==> flow/design.v <==
module sum_block_stage #(
    parameter int DATA_WIDTH = 7
) (
    input logic i_clk,
    input logic rst_ni,
    input logic clk_en,
    input logic [DATA_WIDTH-1:0] A,
    input logic [DATA_WIDTH-1:0] B,
    input logic [DATA_WIDTH-1:0] C,
    output logic [DATA_WIDTH+1:0] s
);
    logic [DATA_WIDTH-1:0] A_q;
    logic [DATA_WIDTH-1:0] B_q;
    logic [DATA_WIDTH-1:0] C_q;
    always_ff @(posedge i_clk or negedge rst_ni) begin
        if (~rst_ni) begin
            A_q <= '0;
            B_q <= '0;
            C_q <= '0;
            s <= '0;
        end else if (clk_en) begin
            A_q <= A;
            B_q <= B;
            C_q <= C;
            s <= A_q + B_q + C_q;
        end
    end
endmodule
# --- Reports on sum_block_stage ---
# Tool output for the design above, in the order of the flow.
# Line numbers count from 1 in the design file above.
# Operators: Yosys type, input widths -> output width; for muxes data width and select width s.
# Library cell names are shortened.
design:
  top_module: "sum_block_stage"
  clock: "i_clk"
  cell_library: "sky130hd"
  lib_corner: "tt_025C_1v80"

# --- After elaboration ---
# Counts by Yosys on the flattened word-level netlist (proc, flatten, opt, wreduce; memories kept). Register bits leave out memories and registers merged into their read ports (data or address); mux counts leave out enables and synchronous resets folded into registers. Print and check cells are left out. Cells with the same type and inputs are merged into one.
bits:
  ff_bits: 30
  elab_cells: 6
op_classes:
  addsub: 2
ops:
  columns: ["cell", "count"]
  rows:
  - ["$add 8x7->9", 1]
  - ["$add 7x7->8", 1]

# --- Logic depth ---
# Longest topological path by Yosys (ltp), each cell counted once; first at word level (registers and memories cut), then after technology mapping (sequential cells cut; the memories' decode and read muxes count).
depth:
  depth_word: 2
  ABC_AREA: 0
  ltp_mapped: 10

# --- Mapped cells and area ---
# Source: synth_stat.txt of the flow (Yosys; design flattened, memories mapped). It holds for the ABC_AREA given above (unset counts as 0); a run with the other value may have another netlist.
by_type:
  columns: ["type", "count", "area_total_um2"]
  rows:
  - ["dfrtp_1", 30, 750.72]
  - ["mux2_2", 17, 191.434]
  - ["fa_1", 8, 160.154]
  - ["ha_1", 6, 75.072]
  - ["inv_1", 17, 63.811]
  - ["o21ai_0", 11, 55.053]
  - ["nand2_1", 9, 33.782]
  - ["buf_2", 4, 20.019]
  - ["mux2i_1", 2, 20.019]
  - ["o22ai_1", 3, 18.768]
  - ["a21oi_1", 3, 15.014]
  - ["nor2_1", 4, 15.014]
  - ["nor3_1", 3, 15.014]
  - ["o21a_1", 2, 15.014]
  - ["a211oi_2", 1, 12.512]
  - ["o31ai_2", 1, 12.512]
  - ["nand3_1", 2, 10.01]
  - ["a211o_1", 1, 8.758]
# Other cell types: 10; their cells: 10.
mapped:
  mapped_cells: 134
  seqArea_mm2: 0.0007507
  synth_area_mm2: 0.001564
  n_buf: 5
  ffs: 30

# --- Path before layout ---
# OpenSTA on the mapped netlist: ideal clock, no wires. The path of least setup slack (recovery checks aside). Input and output delay are each 20% of the period. Register names are those of the netlist, which keeps one name where synthesis merged equal registers.
synth_timing:
  path_type: "reg2reg"
  from: "register A_q[1]"
  to: "register s[7]"
  required_time_ps: 2596
  arrival_ps: 2048
  path_delay_ps: 2172
  stages: 8
  tclk_ps: 2720
  setup_ps: 124
  path_buffers: 0
  slack_ps: 548
  synth_period_reached_ps: 2172
# "path_delay_ps" = arrival - input delay + setup time.
# "stages": output pins that drive a net of the path, with the launching flip-flop's if there is one; two outputs of one cell count as two.
# "synth_period_reached_ps" is the clock period less the worst setup slack; recovery checks do not enter. This is arithmetic on one report: input and output delays are still those of the set period (20% each).
# Between the ends stands the longest chain of elaborated cells between them, by number of cells; it is not shown to be the way that was timed. Of several equally long chains one is given.
# A line is the first line of the expression or statement that the cell stems from. Yosys adds cells for indexed reads and writes and turns some case tables into memories.
synth_via:
  cell_sequence: "dfrtp_1 -> fa_1 -> ha_1 -> inv_1 -> fa_1 -> nor2b_1 -> o31ai_2 -> a211o_1"
  elab_chain_len: 2
synth_rtl:
  columns: ["item", "line", "text"]
  rows:
  - ["start: declaration", 12, "logic [DATA_WIDTH-1:0] A_q;"]
  - ["start: assignment", 17, "A_q <= '0;"]
  - ["start: assignment", 22, "A_q <= A;"]
  - ["$add 7x7->8", 25, "s <= A_q + B_q + C_q;"]
  - ["$add 8x7->9", 25, null]
  - ["end: assignment", 20, "s <= '0;"]
  - ["end: assignment", 25, null]
  - ["end: declaration", 10, "output logic [DATA_WIDTH+1:0] s"]

# --- Worst path after layout ---
# Path of least setup slack in the final report of run A (OpenROAD, finished layout, wires in). Where an end is a register, its clock arrival counts in the times.
# The report prints the path's times to 10 ps; the period is as set.
layout_timing:
  path_type: "reg2reg"
  from: "register A_q[1]"
  to: "register s[7]"
  stages: 8
  required_time_ps: 2530
  slack_ps: 110
  arrival_ps: 2420
  path_buffers: 0
  setup_ps: 110
  tclk_ps: 2370
# Between the ends stands the longest chain of elaborated cells between them, by number of cells; it is not shown to be the way that was timed. Of several equally long chains one is given.
layout_via:
  cell_sequence: "dfrtp_1 -> fa_1 -> ha_2 -> inv_1 -> fa_1 -> nor2b_2 -> o31ai_2 -> a211o_1"
  elab_chain_len: 2
layout_rtl:
  columns: ["item", "line", "text"]
  rows:
  - ["start: declaration", 12, "logic [DATA_WIDTH-1:0] A_q;"]
  - ["start: assignment", 17, "A_q <= '0;"]
  - ["start: assignment", 22, "A_q <= A;"]
  - ["$add 7x7->8", 25, "s <= A_q + B_q + C_q;"]
  - ["$add 8x7->9", 25, null]
  - ["end: assignment", 20, "s <= '0;"]
  - ["end: assignment", 25, null]
  - ["end: declaration", 10, "output logic [DATA_WIDTH+1:0] s"]

# Record of 3 stored runs of the RTL-to-layout flow on sum_block_stage, platform sky130hd. The runs are unordered. Constraints: input delay and output delay 20% of the set period each, output load 0.01 pF.
# "totalPower_uw": no workload was simulated; the value follows from the tool's default switching activity.
runs:
  - name: "run A"
    settings:
      period_ns: 2.37
      CORE_UTILIZATION: 42
      PLACE_DENSITY_LB_ADDON: 0.22
      CORE_ASPECT_RATIO: 1.67
      CORE_MARGIN: 5
      TNS_END_PERCENT: 35
      MIN_ROUTING_LAYER: "met1"
      MAX_ROUTING_LAYER: "met5"
      CAP_MARGIN: 20
      SLEW_MARGIN: 20
    results:
      synthesis_area_mm2: 0.001564
      dieArea_mm2: 0.0050846
      stdcell_area_mm2: 0.0020357
      ws_setup_ps: 111
      tns_setup_ps: 0
      totalPower_uw: 1724
  - name: "run B"
    settings:
      period_ns: 2.72
      CAP_MARGIN: 20
      CORE_MARGIN: 2
      CORE_UTILIZATION: 40
      SLEW_MARGIN: 20
    results:
      synthesis_area_mm2: 0.001564
      dieArea_mm2: 0.0044262
      stdcell_area_mm2: 0.002042
      ws_setup_ps: 429
      tns_setup_ps: 0
      totalPower_uw: 1507
  - name: "run C"
    settings:
      period_ns: 2.49
      CORE_UTILIZATION: 38
      PLACE_DENSITY_LB_ADDON: 0.15
      CORE_MARGIN: 2
      CELL_PAD_IN_SITES_GLOBAL_PLACEMENT: 3
      GPL_TIMING_DRIVEN: 0
      GPL_ROUTABILITY_DRIVEN: 1
      MAX_ROUTING_LAYER: "met4"
      CAP_MARGIN: 20
      SLEW_MARGIN: 20
    results:
      synthesis_area_mm2: 0.001564
      dieArea_mm2: 0.0046451
      stdcell_area_mm2: 0.002042
      ws_setup_ps: 184
      tns_setup_ps: 0
      totalPower_uw: 1718
